==> flow/design.v <==
module gen_comparator #(
   parameter W = 48
) (
   input  wire i_clk,
   input  wire [W-1:0] lhs_in,
   input  wire [W-1:0] rhs_in,
   input  wire [W-1:0] extra_in,
   output reg [W-1:0] result_out
);
   always @(posedge i_clk) begin
      result_out <= (lhs_in < rhs_in) ? rhs_in : (lhs_in > extra_in) ? extra_in : lhs_in;
   end
endmodule
=== Tool chain data of gen_comparator ===
The steps from the RTL of gen_comparator to its reports follow in flow order.
Line numbers count from 1 in the design file above.
Operators: Yosys type, input widths -> output width; for muxes data width and select width s.
Library cell names are shortened.
A cell with - has no value.

* Design top: gen_comparator
* Clock: i_clk
* Standard-cell library: sky130hd
* Library corner: tt_025C_1v80

=== Word-level counts ===
Yosys after proc, flatten, opt, wreduce and memory -nomap, before mapping. Enables and synchronous resets that opt folds into registers are not counted as muxes. Memory bits, and registers merged into a memory's read port (data or address), are not among the register bits. Print and check cells are not counted. Equal cells are merged and count once.

* Reduce/logical cells: 0
* Magnitude comparators: 2
* Eq/ne operators: 0
* Muxes and demuxes: 2
* Bitwise operators: 0
* Shifts and indexed selects: 0
* Multiply operators: 0
* Add/sub/neg operators: 0
* Div/mod/pow operators: 0

{| class="wikitable"
|+ Operator list
! operator !! number
|-
| $mux 48 || 2
|-
| $gt 48x48->1 || 1
|-
| $lt 48x48->1 || 1
|}

* RAM bits: 0
* Register bits after elaboration: 48
* Word width x clocked read ports: 0
* Memory bits (read-only): 0
* Memories kept: 0
* Output and inout port bits: 48
* Bits in latches: 0
* Bits of input ports: 145
* Cells after elaboration: 5

=== Longest topological paths ===
Depth = most cells in a row (Yosys ltp): at word level without a register or memory, in the mapped netlist without a sequential cell, where the memories' decode and read muxes count.

* Depth after elaboration: 3
* ABC_AREA: 0
* Gate-level depth with buffers: 11

=== Mapped cells and area ===
Yosys stat after the flow's synthesis: flattened, memories mapped to cells. It holds for the ABC_AREA given above (unset counts as 0); a run with the other value may have another netlist.

{| class="wikitable"
|+ Cell types
! cell type !! number
|-
| ha_1 || 95
|-
| dfxtp_1 || 48
|-
| inv_1 || 100
|-
| nand3_1 || 61
|-
| a31oi_1 || 48
|-
| o21ai_0 || 56
|-
| nor3_1 || 51
|-
| a21oi_1 || 38
|-
| nand2_1 || 24
|-
| nand4_1 || 13
|-
| buf_2 || 12
|-
| clkbuf_1 || 15
|-
| and4_1 || 3
|-
| nor2_1 || 7
|-
| nor4_1 || 4
|-
| o21ai_1 || 5
|-
| a211oi_1 || 3
|-
| a21o_1 || 3
|}

Other cell types: 25; their cells: 34.

* Sequential part of the area: 960.9 um^2
* Buffer cells: 35
* Chip area (Yosys): 4,598.2 um^2
* Cell count: 620
* Flip-flop cells: 48

=== Path before layout ===
Path of least setup slack by OpenSTA after synthesis, without wires, with an ideal clock, recovery checks aside; 20% of the period is set as input and as output delay. Where synthesis merged equal registers, the netlist keeps one of their names.

* Kind: input port to flip-flop
* From: input rhs_in[11]
* To: register result_out[27]
* Clock period: 3.03 ns
* Path delay: 1.940 ns
* External input delay: 0.606 ns
* Path buffers: 2
* Stages on the path: 11
* Setup time: 0.074 ns
* Required time: 2.956 ns
* Arrival time: 2.472 ns
* Setup slack: 0.484 ns
* Time at the first pin: 0.606 ns
* Synthesis period reached: 2.546 ns

"path delay" is the arrival time less input delay plus setup time.
"stages on the path" counts driving pins, that of a launching flip-flop among them; a cell with two outputs on the path counts twice.
"synthesis period reached" = period - worst setup slack (recovery checks aside). The figure is calculated, with input and output delays left at 20% of the set period.
Between the ends stands the longest chain of elaborated cells between them, by number of cells; it is not shown to be the way that was timed. Of several equally long chains one is given.
Each line given opens the expression or statement behind the cell; cells for indexed reads and writes are added by Yosys, which also makes memories of some case tables.

* Path through: inv_1 ha_1 a41oi_2 o21ai_1 a221o_1 o31ai_1 a21oi_1 or2_1 buf_4 buf_6 a31oi_1
* Length of the longest elaborated chain: 2
* Elaborated cells between the ends (all ways): 2
* Source lines of those cells: 1
* Those cells by class: compare (1); mux (1)

{| class="wikitable"
|+ RTL lines, path post-synthesis
! element !! RTL line !! RTL
|-
| start, declared || 6 || <nowiki>input  wire [W-1:0] rhs_in,</nowiki>
|-
| $lt 48x48->1 || 11 || <nowiki>result_out <= (lhs_in < rhs_in) ? rhs_in : (lhs_in > extra_in) ? extra_in : lhs_in;</nowiki>
|-
| $mux 48 || 11 ||
|-
| end, assigned || 11 ||
|-
| end, declared || 8 || <nowiki>output reg [W-1:0] result_out</nowiki>
|}

=== Path in the finished layout ===
From the final timing report of run 1: the path of least setup slack in the routed layout; clock arrival at registers is part of the times.

* Kind: input port to flip-flop
* From: input extra_in[39]
* To: register result_out[25]
* External input delay: 0.49 ns
* Path buffers: 4
* Stages on the path: 13
* Arrival time: 2.81 ns
* Time at the first pin: 0.49 ns
* Clock period: 2.45 ns
* Setup time: 0.12 ns
* Required time: 2.63 ns
* Setup slack: -0.18 ns

Between the ends stands the longest chain of elaborated cells between them, by number of cells; it is not shown to be the way that was timed. Of several equally long chains one is given.

* Path through: buf_8 inv_4 ha_4 nand4_1 nor3_2 a221oi_4 nand2_2 a2111o_2 buf_12 buf_6 buf_16 nand3_2 a31oi_1
* Length of the longest elaborated chain: 3
* Elaborated cells between the ends (all ways): 3
* Source lines of those cells: 1
* Those cells by class: compare (1); mux (2)

{| class="wikitable"
|+ RTL lines, path after layout
! element !! RTL line !! RTL
|-
| start, declared || 7 || <nowiki>input  wire [W-1:0] extra_in,</nowiki>
|-
| $gt 48x48->1 || 11 || <nowiki>result_out <= (lhs_in < rhs_in) ? rhs_in : (lhs_in > extra_in) ? extra_in : lhs_in;</nowiki>
|-
| $mux 48 (2 in a row) || 11 ||
|-
| end, assigned || 11 ||
|-
| end, declared || 8 || <nowiki>output reg [W-1:0] result_out</nowiki>
|}

Top module gen_comparator; platform sky130hd; tools Yosys and OpenROAD; 3 stored runs in no particular order. Input and output delays are each 20% of the period that was set; the output load is 0.01 pF.
"period reached" is the run's clock period less its worst setup slack. It is reckoned from that one timing run; input and output delays stay at 20% of the period that was set.
By "power" is meant OpenSTA's value without simulated activity: inputs other than the clock are taken to toggle once in ten clock periods, and the tool carries that through the logic.

=== Run 1 ===
{| class="wikitable"
! Setting !! Value
|-
| period_ns || 2.45
|-
| CORE_UTILIZATION || 23
|-
| SETUP_SLACK_MARGIN || 0.31
|-
| PLACE_DENSITY_LB_ADDON || 0.16
|-
| CORE_ASPECT_RATIO || 0.58
|-
| CORE_MARGIN || 6
|-
| CELL_PAD_IN_SITES_GLOBAL_PLACEMENT || 2
|-
| CAP_MARGIN || 10
|-
| SLEW_MARGIN || 25
|-
| MIN_ROUTING_LAYER || met2
|-
| MAX_ROUTING_LAYER || met4
|-
! Result !! Value
|-
| Setup slack of the worst path || -0.176 ns
|-
| Std-cell area (final layout) || 9,529.1 um^2
|-
| Post-synthesis cell area || 4,598.2 um^2
|-
| Final setup TNS || -3.388 ns
|-
| Period reached || 2.626 ns
|-
| Die footprint || 23,655.9 um^2
|-
| Post-layout utilization || 49.9%
|-
| Power || 4.317 mW
|}

=== Run 2 ===
{| class="wikitable"
! Setting !! Value
|-
| period_ns || 4.7
|-
| CORE_UTILIZATION || 28
|-
| PLACE_DENSITY_LB_ADDON || 0.12
|-
| CELL_PAD_IN_SITES_GLOBAL_PLACEMENT || 3
|-
| ABC_AREA || 0
|-
| GPL_ROUTABILITY_DRIVEN || 1
|-
| CTS_CLUSTER_DIAMETER || 41
|-
| CAP_MARGIN || 0
|-
| MIN_ROUTING_LAYER || met1
|-
| MAX_ROUTING_LAYER || met4
|-
| CORE_MARGIN || 2
|-
| SLEW_MARGIN || 20
|-
! Result !! Value
|-
| Final setup TNS || 0.000 ns
|-
| Period reached || 3.811 ns
|-
| Die footprint || 17,463.6 um^2
|-
| Post-layout utilization || 43.3%
|-
| Power || 1.656 mW
|-
| Std-cell area (final layout) || 6,902.9 um^2
|-
| Post-synthesis cell area || 4,598.2 um^2
|-
| Setup slack of the worst path || 0.889 ns
|}

=== Run 3 ===
{| class="wikitable"
! Setting !! Value
|-
| period_ns || 3.03
|-
| CAP_MARGIN || 20
|-
| CORE_MARGIN || 2
|-
| CORE_UTILIZATION || 40
|-
| SLEW_MARGIN || 20
|-
! Result !! Value
|-
| Die footprint || 12,368.8 um^2
|-
| Setup slack of the worst path || 0.083 ns
|-
| Period reached || 2.947 ns
|-
| Post-layout utilization || 64.8%
|-
| Std-cell area (final layout) || 7,338.3 um^2
|-
| Post-synthesis cell area || 4,598.2 um^2
|-
| Power || 2.696 mW
|-
| Final setup TNS || 0.000 ns
|}
